==> flow/design.v <==
module sync_add_rtl #(
    parameter integer DATA_WIDTH = 24
) (
    input  CLK,
    input  [DATA_WIDTH-1:0] in_opa,
    input  [DATA_WIDTH-1:0] in_opb,
    input  in_carry_in,
    output reg [DATA_WIDTH-1:0] out_result,
    output reg out_co
);
    reg [DATA_WIDTH-1:0] cur;
    reg cy;
    integer idx;
    always @(*) begin
        cy = in_carry_in;
        for (idx = 0; idx < DATA_WIDTH; idx = idx + 1) begin
            cur[idx] = in_opa[idx] ^ in_opb[idx] ^ cy;
            cy = (in_opa[idx] & in_opb[idx]) | (cy & (in_opa[idx] | in_opb[idx]));
        end
    end
    always @(posedge CLK) begin
        out_result <= cur;
        out_co <= cy;
    end
endmodule
# Tool chain data of sync_add_rtl
# Tool output for the members of one design family, told apart by "DATA_WIDTH", in the order of the flow.
# The RTL above is that of DATA_WIDTH 24; lines are counted from 1 in the file of the member named.
# Not given: -
# setup
design	sync_add_rtl
clk_port	CLK
lib	sky130hd
corner	tt_025C_1v80

# Source of the members
# Lines of each other member's file that are new or changed against the file above; lines that a member lacks are not shown.
# src_changes
DATA_WIDTH	line_no	rtl
36	2	parameter integer DATA_WIDTH = 36
72	2	parameter integer DATA_WIDTH = 72

# After elaboration
# Source: Yosys, flattened and elaborated, memories not mapped. Widths are those after wreduce; folded enables and synchronous resets count as part of the registers. Registers that Yosys merges into a memory's read port (data or address) are not register bits. Print and check cells do not count. Equal cells are merged and count once.
# word_totals
DATA_WIDTH	word_cells	out_inout_bits	inputBits	ff_bits
24	146	25	50	25
36	218	37	74	37
72	434	73	146	73
# classes
DATA_WIDTH	logic
24	144
36	216
72	432
# op_table
DATA_WIDTH	op_list
24	48 x bitwise AND 1 bit; 48 x OR 1 bit; 48 x bitwise XOR 1 bit
36	72 x bitwise AND 1 bit; 72 x OR 1 bit; 72 x bitwise XOR 1 bit
72	144 x bitwise AND 1 bit; 144 x OR 1 bit; 144 x bitwise XOR 1 bit

# Logic depth
# Longest topological path by Yosys (ltp), each cell counted once; first at word level (registers and memories cut), then after technology mapping (sequential cells cut; the memories' decode and read muxes count).
# logic_depth
DATA_WIDTH	depth_word	ABC_AREA	mapped_depth	depth_no_buf
24	49	0	28	28
36	73	0	40	40
72	145	0	76	76

# Mapped cells and area
# Source: synth_stat.txt of the flow (Yosys; design flattened, memories mapped). It holds for the ABC_AREA given above (unset counts as 0); a run with the other value may have another netlist.
# by_type
DATA_WIDTH	type_list
24	25 x sky130_fd_sc_hd__dfxtp_1; 24 x sky130_fd_sc_hd__fa_1; 10 x sky130_fd_sc_hd__inv_1
36	37 x sky130_fd_sc_hd__dfxtp_1; 36 x sky130_fd_sc_hd__fa_1; 10 x sky130_fd_sc_hd__inv_1
72	73 x sky130_fd_sc_hd__dfxtp_1; 72 x sky130_fd_sc_hd__fa_1; 10 x sky130_fd_sc_hd__inv_1
# synth_totals
DATA_WIDTH	flip_flops	seqArea_um2	buf_cells	cell_count	mapped_area_um2
24	25	500.5	0	59	1018.5
36	37	740.7	0	83	1498.9
72	73	1461.4	0	155	2940.3

# Path before layout
# Path of least setup slack by OpenSTA after synthesis, without wires, with an ideal clock, recovery checks aside; 20% of the period is set as input and as output delay. Where synthesis merged equal registers, the netlist keeps one of their names.
# synth_timing
DATA_WIDTH	path_kind	start	end	setup_slack_ns	delay_ns	period_ns	stages	synth_period_reached_ns
24	in2reg	in in_opa[0]	reg out_result[23]	2.284	9.156	14.3	28	12.016
36	in2reg	in in_opa[0]	reg out_result[35]	3.407	13.712	21.4	40	17.993
72	in2reg	in in_opa[0]	reg out_result[71]	6.857	27.383	42.8	76	35.943
# "delay_ns" is the arrival time less input delay plus setup time.
# "stages": output pins that drive a net of the path, with the launching flip-flop's if there is one; two outputs of one cell count as two.
# "synth_period_reached_ns" = period - worst setup slack (recovery checks aside). The figure is calculated, with input and output delays left at 20% of the set period.
# Between the ends stands the longest chain of elaborated cells between them, by number of cells; it is not shown to be the way that was timed. Of several equally long chains one is given.
# Each line given opens the expression or statement behind the cell; cells for indexed reads and writes are added by Yosys, which also makes memories of some case tables.
# synth_via_DATA_WIDTH_24
elab_chain_len	48
# synth_rtl_DATA_WIDTH_24
item	line_no	rtl
from (decl)	5	input  [DATA_WIDTH-1:0] in_opa,
OR 1 bit	18	cy = (in_opa[idx] & in_opb[idx]) | (cy & (in_opa[idx] | in_opb[idx]));
bitwise AND 1 bit	18
OR 1 bit	18
bitwise AND 1 bit	18
OR 1 bit	18
bitwise AND 1 bit	18
OR 1 bit	18
[... 34 more ...]	-
bitwise AND 1 bit	18
OR 1 bit	18
bitwise AND 1 bit	18
OR 1 bit	18
bitwise AND 1 bit	18
OR 1 bit	18
bitwise XOR 1 bit	17	cur[idx] = in_opa[idx] ^ in_opb[idx] ^ cy;
to (assign)	22	out_result <= cur;
to (decl)	8	output reg [DATA_WIDTH-1:0] out_result,
# synth_via_DATA_WIDTH_72
elab_chain_len	144
# synth_rtl_DATA_WIDTH_72
item	line_no	rtl
from (decl)	5	input  [DATA_WIDTH-1:0] in_opa,
OR 1 bit	18	cy = (in_opa[idx] & in_opb[idx]) | (cy & (in_opa[idx] | in_opb[idx]));
bitwise AND 1 bit	18
OR 1 bit	18
bitwise AND 1 bit	18
OR 1 bit	18
bitwise AND 1 bit	18
OR 1 bit	18
[... 130 more ...]	-
bitwise AND 1 bit	18
OR 1 bit	18
bitwise AND 1 bit	18
OR 1 bit	18
bitwise AND 1 bit	18
OR 1 bit	18
bitwise XOR 1 bit	17	cur[idx] = in_opa[idx] ^ in_opb[idx] ^ cy;
to (assign)	22	out_result <= cur;
to (decl)	8	output reg [DATA_WIDTH-1:0] out_result,

# Path in the finished layout
# Path of least setup slack in the final report of the run of each member (OpenROAD, finished layout, wires in). Where an end is a register, its clock arrival counts in the times.
# layout_timing
DATA_WIDTH	path_kind	start	end	period_ns	setup_slack_ns	arrival_time_ns	n_path_buf	stages
24	in2reg	in in_opa[0]	reg out_result[23]	14.3	1.85	12.72	1	29
36	in2reg	in in_opa[0]	reg out_result[35]	21.4	2.64	18.99	1	41
72	in2reg	in in_opa[0]	reg out_result[71]	42.8	5.71	37.37	1	77

# Measured runs
# One run of the flow (Yosys, OpenROAD) for each member, with settings and measured results. Input and output delays are each 20% of the period that was set; the output load is 0.01 pF.
# settings
CAP_MARGIN	20
CORE_MARGIN	2
CORE_UTILIZATION	40
SLEW_MARGIN	20
# settings_by_member
DATA_WIDTH	period_ns
24	14.3
36	21.4
72	42.8
# results
DATA_WIDTH	fin_hold_ws_ns	total_die_area_um2	utilization_pct	post_route_stdcell_area_um2	synthesis_area_um2	worst_setup_slack_ns	achieved_clock_period_ns	power_total_mw	tns_setup_ns
24	3.200	2965.9	74.3	1824.2	1018.5	1.848	12.452	0.1829	0.000
36	4.654	4253.0	76.0	2761.4	1498.9	2.644	18.756	0.2046	0.000
72	8.894	8052.4	75.7	5435.2	2940.3	5.708	37.092	0.2039	0.000
# "achieved_clock_period_ns" is the run's clock period less its worst setup slack. It is reckoned from that one timing run; input and output delays stay at 20% of the period that was set.
# "power_total_mw": no workload was simulated; the value follows from the tool's default switching activity.
